==> flow/design.v <==
module ex_times_blk #(
  parameter DW = 5,
  parameter SCALE = 25,
  parameter RES_W = DW + $clog2(SCALE + 1)
) (
  input wire core_clk,
  input wire RSTN,
  input wire adv,
  input wire [DW-1:0] in_lhs,
  output reg [RES_W-1:0] out_prod
);
  reg [DW-1:0] lhs_d1;
  reg [RES_W-1:0] cur;
  integer t;
  always @(*) begin
    cur = 0;
    for (t = 0; t < RES_W - DW; t = t + 1)
      if ((SCALE >> t) & 1) cur = cur + (lhs_d1 << t);
  end
  always @(posedge core_clk) begin
    if (~RSTN) begin
      lhs_d1 <= 0;
      out_prod <= 0;
    end else if (adv) begin
      lhs_d1 <= in_lhs;
      out_prod <= cur;
    end
  end
endmodule
# From RTL to reports: ex_times_blk
# Tool output for the members of one design family, told apart by "DW", in the order of the flow.
# The RTL above is that of DW 5; lines are counted from 1 in the file of the member named.
# The mark -- stands for no value.
[setup]
top = "ex_times_blk"
clock_port = "core_clk"
library = "sky130hd"
lib_corner = "tt_025C_1v80"

# Source of the members
# Lines of each other member's file that are new or changed against the file above; lines that a member lacks are not shown.
[src_changes]
columns = ["DW", "line", "rtl"]
rows = [
  [8, 2, "parameter DW = 8,"],
  [12, 2, "parameter DW = 12,"],
  [16, 2, "parameter DW = 16,"],
  [48, 2, "parameter DW = 48,"],
]

# After elaboration
# Yosys after proc, flatten, opt, wreduce and memory -nomap, before mapping. Enables and synchronous resets that opt folds into registers are not counted as muxes. Memory bits, and registers merged into a memory's read port (data or address), are not among the register bits. Print and check cells are not counted. Equal cells are merged and count once.
[word_totals]
columns = ["DW", "regBits", "input_bits", "output_inout_bits", "word_cells"]
rows = [
  [5, 15, 8, 10, 4],
  [8, 21, 11, 13, 4],
  [12, 29, 15, 17, 4],
  [16, 37, 19, 21, 4],
  [48, 101, 51, 53, 4],
]
[op_classes]
columns = ["DW", "n_addsub"]
rows = [
  [5, 2],
  [8, 2],
  [12, 2],
  [16, 2],
  [48, 2],
]
[op_table]
columns = ["DW", "op_list"]
rows = [
  [5, "1 x 9-bit by 9-bit adder with 10-bit output; 1 x 5-bit by 8-bit adder with 9-bit output"],
  [8, "1 x 12-bit by 12-bit adder with 13-bit output; 1 x 8-bit by 11-bit adder with 12-bit output"],
  [12, "1 x 16-bit by 16-bit adder with 17-bit output; 1 x 12-bit by 15-bit adder with 16-bit output"],
  [16, "1 x 20-bit by 20-bit adder with 21-bit output; 1 x 16-bit by 19-bit adder with 20-bit output"],
  [48, "1 x 52-bit by 52-bit adder with 53-bit output; 1 x 48-bit by 51-bit adder with 52-bit output"],
]

# Longest topological paths
# Depth = most cells in a row (Yosys ltp): at word level without a register or memory, in the mapped netlist without a sequential cell, where the memories' decode and read muxes count.
[depth]
columns = ["DW", "word_depth", "ABC_AREA", "ltp_mapped", "mapped_depth_nobuf"]
rows = [
  [5, 2, 0, 9, 9],
  [8, 2, 0, 9, 9],
  [12, 2, 0, 10, 10],
  [16, 2, 0, 11, 11],
  [48, 2, 0, 14, 14],
]

# Netlist
# Yosys stat after the flow's synthesis: flattened, memories mapped to cells. It holds for the ABC_AREA given above (unset counts as 0); a run with the other value may have another netlist.
# The area totals of this step are shown rounded.
[by_type]
columns = ["DW", "cell_types"]
rows = [
  [5, "15 x sky130_fd_sc_hd__dfxtp_1; 9 x sky130_fd_sc_hd__ha_1; 11 x sky130_fd_sc_hd__mux2i_1; 11 x sky130_fd_sc_hd__nor2b_1; 2 x sky130_fd_sc_hd__fa_1; 3 x sky130_fd_sc_hd__buf_6; 9 x sky130_fd_sc_hd__inv_1; 3 x sky130_fd_sc_hd__a21oi_1; 3 x sky130_fd_sc_hd__nand3_1; 2 x sky130_fd_sc_hd__nand3b_1; 2 x sky130_fd_sc_hd__and3_1; 1 x sky130_fd_sc_hd__a311o_1; 1 x sky130_fd_sc_hd__o211a_1; 1 x sky130_fd_sc_hd__a211o_1; 1 x sky130_fd_sc_hd__o31a_1; 1 x sky130_fd_sc_hd__xnor2_1; 1 x sky130_fd_sc_hd__a21boi_0; 2 x sky130_fd_sc_hd__nor2_1; [+6]"],
  [8, "21 x sky130_fd_sc_hd__dfxtp_1; 13 x sky130_fd_sc_hd__ha_1; 14 x sky130_fd_sc_hd__mux2i_1; 5 x sky130_fd_sc_hd__fa_1; 15 x sky130_fd_sc_hd__nor2b_1; 8 x sky130_fd_sc_hd__nand3_1; 10 x sky130_fd_sc_hd__inv_1; 2 x sky130_fd_sc_hd__clkbuf_8; 5 x sky130_fd_sc_hd__a21oi_1; 2 x sky130_fd_sc_hd__o2111ai_1; 2 x sky130_fd_sc_hd__a21o_1; 4 x sky130_fd_sc_hd__nand2_1; 3 x sky130_fd_sc_hd__o21ai_0; 1 x sky130_fd_sc_hd__a211oi_2; 2 x sky130_fd_sc_hd__a31oi_1; 2 x sky130_fd_sc_hd__and3_1; 2 x sky130_fd_sc_hd__nand4_1; 1 x sky130_fd_sc_hd__a2111o_1; [+18]"],
  [12, "29 x sky130_fd_sc_hd__dfxtp_1; 17 x sky130_fd_sc_hd__ha_1; 21 x sky130_fd_sc_hd__mux2i_1; 9 x sky130_fd_sc_hd__fa_1; 28 x sky130_fd_sc_hd__nor2_1; 10 x sky130_fd_sc_hd__a21oi_1; 6 x sky130_fd_sc_hd__a211oi_1; 9 x sky130_fd_sc_hd__o21ai_0; 8 x sky130_fd_sc_hd__inv_1; 1 x sky130_fd_sc_hd__a221oi_4; 4 x sky130_fd_sc_hd__nand4_1; 6 x sky130_fd_sc_hd__nand2_1; 2 x sky130_fd_sc_hd__a41o_1; 3 x sky130_fd_sc_hd__or3_1; 2 x sky130_fd_sc_hd__xnor2_1; 2 x sky130_fd_sc_hd__a21o_1; 3 x sky130_fd_sc_hd__nand3_1; 2 x sky130_fd_sc_hd__o211ai_1; [+25]"],
  [16, "37 x sky130_fd_sc_hd__dfxtp_1; 27 x sky130_fd_sc_hd__mux2i_1; 21 x sky130_fd_sc_hd__ha_1; 13 x sky130_fd_sc_hd__fa_1; 29 x sky130_fd_sc_hd__nor2b_1; 7 x sky130_fd_sc_hd__a21o_1; 10 x sky130_fd_sc_hd__a21oi_1; 10 x sky130_fd_sc_hd__nand3_1; 10 x sky130_fd_sc_hd__nand2_1; 9 x sky130_fd_sc_hd__inv_1; 9 x sky130_fd_sc_hd__nor2_1; 8 x sky130_fd_sc_hd__clkbuf_1; 6 x sky130_fd_sc_hd__o21ai_0; 3 x sky130_fd_sc_hd__xnor2_1; 3 x sky130_fd_sc_hd__xor2_1; 3 x sky130_fd_sc_hd__nor3b_1; 3 x sky130_fd_sc_hd__o21bai_1; 2 x sky130_fd_sc_hd__a221o_1; [+39]"],
  [48, "101 x sky130_fd_sc_hd__dfxtp_1; 45 x sky130_fd_sc_hd__fa_1; 88 x sky130_fd_sc_hd__mux2i_1; 53 x sky130_fd_sc_hd__ha_1; 89 x sky130_fd_sc_hd__nor2b_1; 49 x sky130_fd_sc_hd__a21oi_1; 25 x sky130_fd_sc_hd__xnor2_1; 23 x sky130_fd_sc_hd__a21o_1; 45 x sky130_fd_sc_hd__nand2_1; 15 x sky130_fd_sc_hd__xor2_1; 22 x sky130_fd_sc_hd__o21ai_0; 13 x sky130_fd_sc_hd__o21bai_1; 25 x sky130_fd_sc_hd__nor2_1; 24 x sky130_fd_sc_hd__clkbuf_1; 15 x sky130_fd_sc_hd__nand3_1; 12 x sky130_fd_sc_hd__nand4_1; 9 x sky130_fd_sc_hd__a31oi_1; 15 x sky130_fd_sc_hd__inv_1; [+129]"],
]
# The mark [+n] counts cells that are not listed.
[synth_totals]
columns = ["DW", "cells", "area_um2", "seqArea_um2", "ff_cells"]
rows = [
  [5, 84, 850.8, 300.3, 15],
  [8, 130, 1292, 420.4, 21],
  [12, 187, 1797, 580.6, 29],
  [16, 249, 2459, 740.7, 37],
  [48, 797, 7589, 2022, 101],
]

# Worst setup path after synthesis
# Path of least setup slack by OpenSTA after synthesis, without wires, with an ideal clock, recovery checks aside; 20% of the period is set as input and as output delay. Where synthesis merged equal registers, the netlist keeps one of their names.
[synth_timing]
columns = ["DW", "kind", "startpoint", "endpoint", "tclk_ps", "slack_ps", "driving_pins", "delay_ps", "synth_period_reached_ps"]
rows = [
  [5, "register to register", "register lhs_d1[4]", "register out_prod[8]", 2560, 511, 10, 2049, 2049],
  [8, "register to register", "register lhs_d1[4]", "register out_prod[10]", 3150, 632, 10, 2518, 2518],
  [12, "register to register", "register lhs_d1[4]", "register out_prod[14]", 3360, 669, 11, 2691, 2691],
  [16, "register to register", "register lhs_d1[4]", "register out_prod[16]", 3430, 689, 12, 2741, 2741],
  [48, "register to register", "register lhs_d1[4]", "register out_prod[48]", 4260, 852, 15, 3408, 3408],
]
# "delay_ps" = arrival - input delay + setup time.
# "driving_pins": output pins that drive a net of the path, with the launching flip-flop's if there is one; two outputs of one cell count as two.
# "synth_period_reached_ps" = period - worst setup slack (recovery checks aside). The figure is calculated, with input and output delays left at 20% of the set period.
# The rows between start and end are the longest chain of elaborated cells between them; the timing report does not say that the signal goes this way. Where chains are equally long, one stands for them.
# Each line given opens the expression or statement behind the cell; cells for indexed reads and writes are added by Yosys, which also makes memories of some case tables.
[synth_between_DW_5]
elab_chain_len = 2
[synth_lines_DW_5]
columns = ["item", "line", "rtl"]
rows = [
  ["start, declared", 12, "reg [DW-1:0] lhs_d1;"],
  ["start, assigned", 22, "lhs_d1 <= 0;"],
  ["start, assigned", 25, "lhs_d1 <= in_lhs;"],
  ["5-bit by 8-bit adder with 9-bit output", 18, "if ((SCALE >> t) & 1) cur = cur + (lhs_d1 << t);"],
  ["9-bit by 9-bit adder with 10-bit output", 18, ""],
  ["end, assigned", 23, "out_prod <= 0;"],
  ["end, assigned", 26, "out_prod <= cur;"],
  ["end, declared", 10, "output reg [RES_W-1:0] out_prod"],
]
[synth_between_DW_48]
elab_chain_len = 2
[synth_lines_DW_48]
columns = ["item", "line", "rtl"]
rows = [
  ["start, declared", 12, "reg [DW-1:0] lhs_d1;"],
  ["start, assigned", 22, "lhs_d1 <= 0;"],
  ["start, assigned", 25, "lhs_d1 <= in_lhs;"],
  ["48-bit by 51-bit adder with 52-bit output", 18, "if ((SCALE >> t) & 1) cur = cur + (lhs_d1 << t);"],
  ["52-bit by 52-bit adder with 53-bit output", 18, ""],
  ["end, assigned", 23, "out_prod <= 0;"],
  ["end, assigned", 26, "out_prod <= cur;"],
  ["end, declared", 10, "output reg [RES_W-1:0] out_prod"],
]

# Worst path after layout
# From the final timing report of each member's run: the path of least setup slack in the routed layout; clock arrival at registers is part of the times.
# The path's times are printed in steps of 10 ps; the period is the one set.
[layout_timing]
columns = ["DW", "kind", "startpoint", "endpoint", "tclk_ps", "slack_ps", "driving_pins", "t_arrival_ps"]
rows = [
  [5, "register to register", "register lhs_d1[4]", "register out_prod[8]", 2560, 400, 10, 2370],
  [8, "register to register", "register lhs_d1[4]", "register out_prod[10]", 3150, 490, 10, 2930],
  [12, "register to register", "register lhs_d1[4]", "register out_prod[14]", 3360, 420, 11, 3160],
  [16, "register to register", "register lhs_d1[4]", "register out_prod[20]", 3430, 500, 12, 3100],
  [48, "register to register", "register lhs_d1[4]", "register out_prod[48]", 4260, 510, 15, 3990],
]

# Layout results
# One run of the flow (Yosys, OpenROAD) for each member, with settings and measured results. Input and output delays are each 20% of the period that was set; the output load is 0.01 pF.
[settings]
CAP_MARGIN = 20
CORE_MARGIN = 2
CORE_UTILIZATION = 40
SLEW_MARGIN = 20
[settings_by_member]
columns = ["DW", "period_ns"]
rows = [
  [5, 2.56],
  [8, 3.15],
  [12, 3.36],
  [16, 3.43],
  [48, 4.26],
]
[results]
columns = ["DW", "post_synth_area_um2", "die_footprint_um2", "final_cell_area_um2", "post_route_util_frac", "ws_setup_ps", "total_power_uw", "timing.achieved_period_ps"]
rows = [
  [5, 850.8, 2512, 1066, 0.538, 395, 502.1, 2165],
  [8, 1292, 3702, 1575, 0.516, 488, 582, 2662],
  [12, 1797, 5044, 2300, 0.528, 421, 1059, 2939],
  [16, 2459, 6790, 3037, 0.513, 503, 1208, 2927],
  [48, 7589, 20090, 9027, 0.484, 509, 2942, 3751],
]
# "timing.achieved_period_ps" is the run's clock period less its worst setup slack. It is reckoned from that one timing run; input and output delays stay at 20% of the period that was set.
# "total_power_uw": no workload was simulated; the value follows from the tool's default switching activity.
# The measured numbers are rounded.
